==> flow/design.v <==
module times_mod #(
  parameter DWIDTH = 5,
  parameter SCALE = 683,
  parameter OUT_W = DWIDTH + $clog2(SCALE + 1)
) (
  input logic clk,
  input logic [DWIDTH-1:0] x,
  output logic [OUT_W-1:0] result
);
  logic [DWIDTH-1:0] x_d1;
  always_ff @(posedge clk) begin
    x_d1 <= x;
  end
  logic [OUT_W-1:0] tmp;
  always_comb begin
    tmp = '0;
    for (int n = 0; n < OUT_W - DWIDTH; n++)
      if ((SCALE >> n) & 1) tmp = tmp + (x_d1 << n);
  end
  assign result = tmp;
endmodule
* Step by step through the tools: times_mod
What the tools print for times_mod, step after step.
Lines are those of the file above, counted from 1.
Operators: Yosys type, input widths -> output width; for muxes data width and select width s.
Cell names lack the library's common part.
The mark n/a stands for no value.
- Top :: times_mod
- Clock :: clk
- Standard-cell library :: sky130hd
- Corner :: tt_025C_1v80

* Elaborated design
Source: Yosys, flattened and elaborated, memories not mapped. Widths are those after wreduce; folded enables and synchronous resets count as part of the registers. Registers that Yosys merges into a memory's read port (data or address) are not register bits. Print and check cells do not count. Equal cells are merged and count once.
- Output and inout port bits :: 15
- Register bits after elaboration :: 5
- ROM bits :: 0
- Bits in latches :: 0
- Memory cells :: 0
- Word width x clocked read ports :: 0
- Cells after elaboration :: 6
- Memory bits (writable) :: 0
- Multiplexer cells :: 0
- Shift operators :: 0
- Div/mod/pow operators :: 0
- Multiply operators :: 0
- Bitwise gates (word level) :: 0
- Order comparisons :: 0
- Eq/ne operators :: 0
- Add/sub/neg operators :: 5
- Reduce/logical cells :: 0
** Operators by type and width (number)
- $add 13x14->15 :: 1
- $add 11x12->13 :: 1
- $add 9x10->11 :: 1
- $add 7x8->9 :: 1
- $add 5x6->7 :: 1

* Longest topological paths
Depth = most cells in a row (Yosys ltp): at word level without a register or memory, in the mapped netlist without a sequential cell, where the memories' decode and read muxes count.
- Word-level depth :: 5
- ABC_AREA :: 0
- Depth in mapped cells :: 8
- Depth with buffers taken out :: 8

* Synthesis result
Source: synth_stat.txt of the flow (Yosys; design flattened, memories mapped). It holds for the ABC_AREA given above (unset counts as 0); a run with the other value may have another netlist.
- Buffer cells :: 4
- Flip-flops :: 5
- Mapped cells :: 78
- Synthesis area :: 688.2 um^2
- Area of sequential cells :: 100.1 um^2
** Cells by type (number)
- ha_1 :: 12
- dfxtp_1 :: 5
- fa_1 :: 4
- xnor2_1 :: 4
- inv_1 :: 8
- a21oi_1 :: 5
- mux2i_1 :: 2
- nand2b_1 :: 3
- xor2_1 :: 2
- nor2_1 :: 4
- o21ai_0 :: 3
- o21ai_1 :: 3
- a211oi_2 :: 1
- nor2b_1 :: 2
- o22ai_1 :: 2
- a2111o_1 :: 1
- mux2_2 :: 1
- buf_2 :: 2
Other cell types: 14; their cells: 14.

* Timing after synthesis
OpenSTA on the mapped netlist: ideal clock, no wires. The path of least setup slack (recovery checks aside). Input and output delay are each 20% of the period. Register names are those of the netlist, which keeps one name where synthesis merged equal registers.
- Path type :: flip-flop to output port
- From :: register x_d1[0]
- To :: output result[13]
- Slack :: 0.568 ns
- Data arrival time :: 2.272 ns
- Driving pins on the path :: 9
- Period :: 3.55 ns
- Output delay :: 0.710 ns
- Data required time :: 2.840 ns
- Delay of the path :: 2.272 ns
- Launch time at the first pin :: 0.000 ns
- Synthesis period reached :: 2.982 ns
"delay of the path" is the arrival time less input delay plus setup time.
A path that ends at an output port has no setup time.
"driving pins on the path": output pins that drive a net of the path, with the launching flip-flop's if there is one; two outputs of one cell count as two.
"synthesis period reached" = period - worst setup slack (recovery checks aside). The figure is calculated, with input and output delays left at 20% of the set period.
Between the ends stands the longest chain of elaborated cells between them, by number of cells; it is not shown to be the way that was timed. Of several equally long chains one is given.
Each line given opens the expression or statement behind the cell; cells for indexed reads and writes are added by Yosys, which also makes memories of some case tables.
- Cells stage by stage :: dfxtp_1 > inv_1 > fa_1 > inv_1 > ha_1 > a211oi_2 > o21ai_1 > a2111o_1 > nand4_1
- Length of the longest elaborated chain :: 5
** RTL lines, path post-synthesis
- start: declaration :: RTL line 10 : logic [DWIDTH-1:0] x_d1;
- start: assignment :: RTL line 12 : x_d1 <= x;
- $add 5x6->7 :: RTL line 18 : if ((SCALE >> n) & 1) tmp = tmp + (x_d1 << n);
- $add 7x8->9 :: RTL line 18
- $add 9x10->11 :: RTL line 18
- $add 11x12->13 :: RTL line 18
- $add 13x14->15 :: RTL line 18
- end: declaration :: RTL line 8 : output logic [OUT_W-1:0] result

* Path in the finished layout
Path of least setup slack in the final report of flow run B (OpenROAD, finished layout, wires in). Where an end is a register, its clock arrival counts in the times.
- Path type :: flip-flop to output port
- From :: register x_d1[0]
- To :: output result[13]
- Period :: 3.55 ns
- Data arrival time :: 2.68 ns
- Launch time at the first pin :: 0.25 ns
- Data required time :: 2.84 ns
- Slack :: 0.16 ns
- Driving pins on the path :: 11
- Output delay :: 0.71 ns
Between the ends stands the longest chain of elaborated cells between them, by number of cells; it is not shown to be the way that was timed. Of several equally long chains one is given.
- Cells stage by stage :: dfxtp_1 > inv_1 > fa_1 > inv_1 > ha_1 > a211oi_2 > buf_4 > o21ai_2 > a2111o_1 > nand4_1 > clkbuf_2
- Length of the longest elaborated chain :: 5
** RTL lines, path post-layout
- start: declaration :: RTL line 10 : logic [DWIDTH-1:0] x_d1;
- start: assignment :: RTL line 12 : x_d1 <= x;
- $add 5x6->7 :: RTL line 18 : if ((SCALE >> n) & 1) tmp = tmp + (x_d1 << n);
- $add 7x8->9 :: RTL line 18
- $add 9x10->11 :: RTL line 18
- $add 11x12->13 :: RTL line 18
- $add 13x14->15 :: RTL line 18
- end: declaration :: RTL line 8 : output logic [OUT_W-1:0] result

Hand-over note for times_mod

3 stored runs of times_mod in the flow (synthesis by Yosys, layout by OpenROAD, sky130hd cells), in arbitrary order. Constraints: input delay and output delay 20% of the set period each, output load 0.01 pF.
By "critical setup path time" is meant the share of the clock period that the worst setup path is allowed (20% is reserved at inputs, 20% at outputs), minus its slack. Clock arrival times at its registers enter into it.
"overall power": no workload was simulated; the value follows from the tool's default switching activity.

** Flow run A
- Settings :: period_ns=2.07; CORE_UTILIZATION=50; HOLD_SLACK_MARGIN=0.17; CORE_MARGIN=7; ABC_AREA=1; GPL_TIMING_DRIVEN=1; GPL_ROUTABILITY_DRIVEN=1; MIN_ROUTING_LAYER=met1; CAP_MARGIN=20; SLEW_MARGIN=20
- Outcome :: not finished: routing ended with error DPL-0033

** Flow run B
- Settings :: period_ns=3.55; CAP_MARGIN=20; CORE_MARGIN=2; CORE_UTILIZATION=40; SLEW_MARGIN=20
- Sum of negative setup slack :: 0.000 ns
- Worst slack on setup checks :: 0.158 ns
- Standard-cell area after routing :: 998.5 um^2
- Overall power :: 397.1 uW
- Synthesized cell area :: 688.2 um^2
- Critical setup path time :: 2.68 ns
- Worst path kind :: flip-flop to output port
- Die area :: 2068.0 um^2

** Flow run C
- Settings :: period_ns=2.86; CORE_UTILIZATION=72; SETUP_SLACK_MARGIN=0.03; PLACE_DENSITY_LB_ADDON=0.26; CORE_MARGIN=2; CELL_PAD_IN_SITES_DETAIL_PLACEMENT=1; ABC_AREA=0; CAP_MARGIN=35; MIN_ROUTING_LAYER=met1; MAX_ROUTING_LAYER=met4; SLEW_MARGIN=20
- Outcome :: not finished: placement ended with error FLW-0024

End of note.
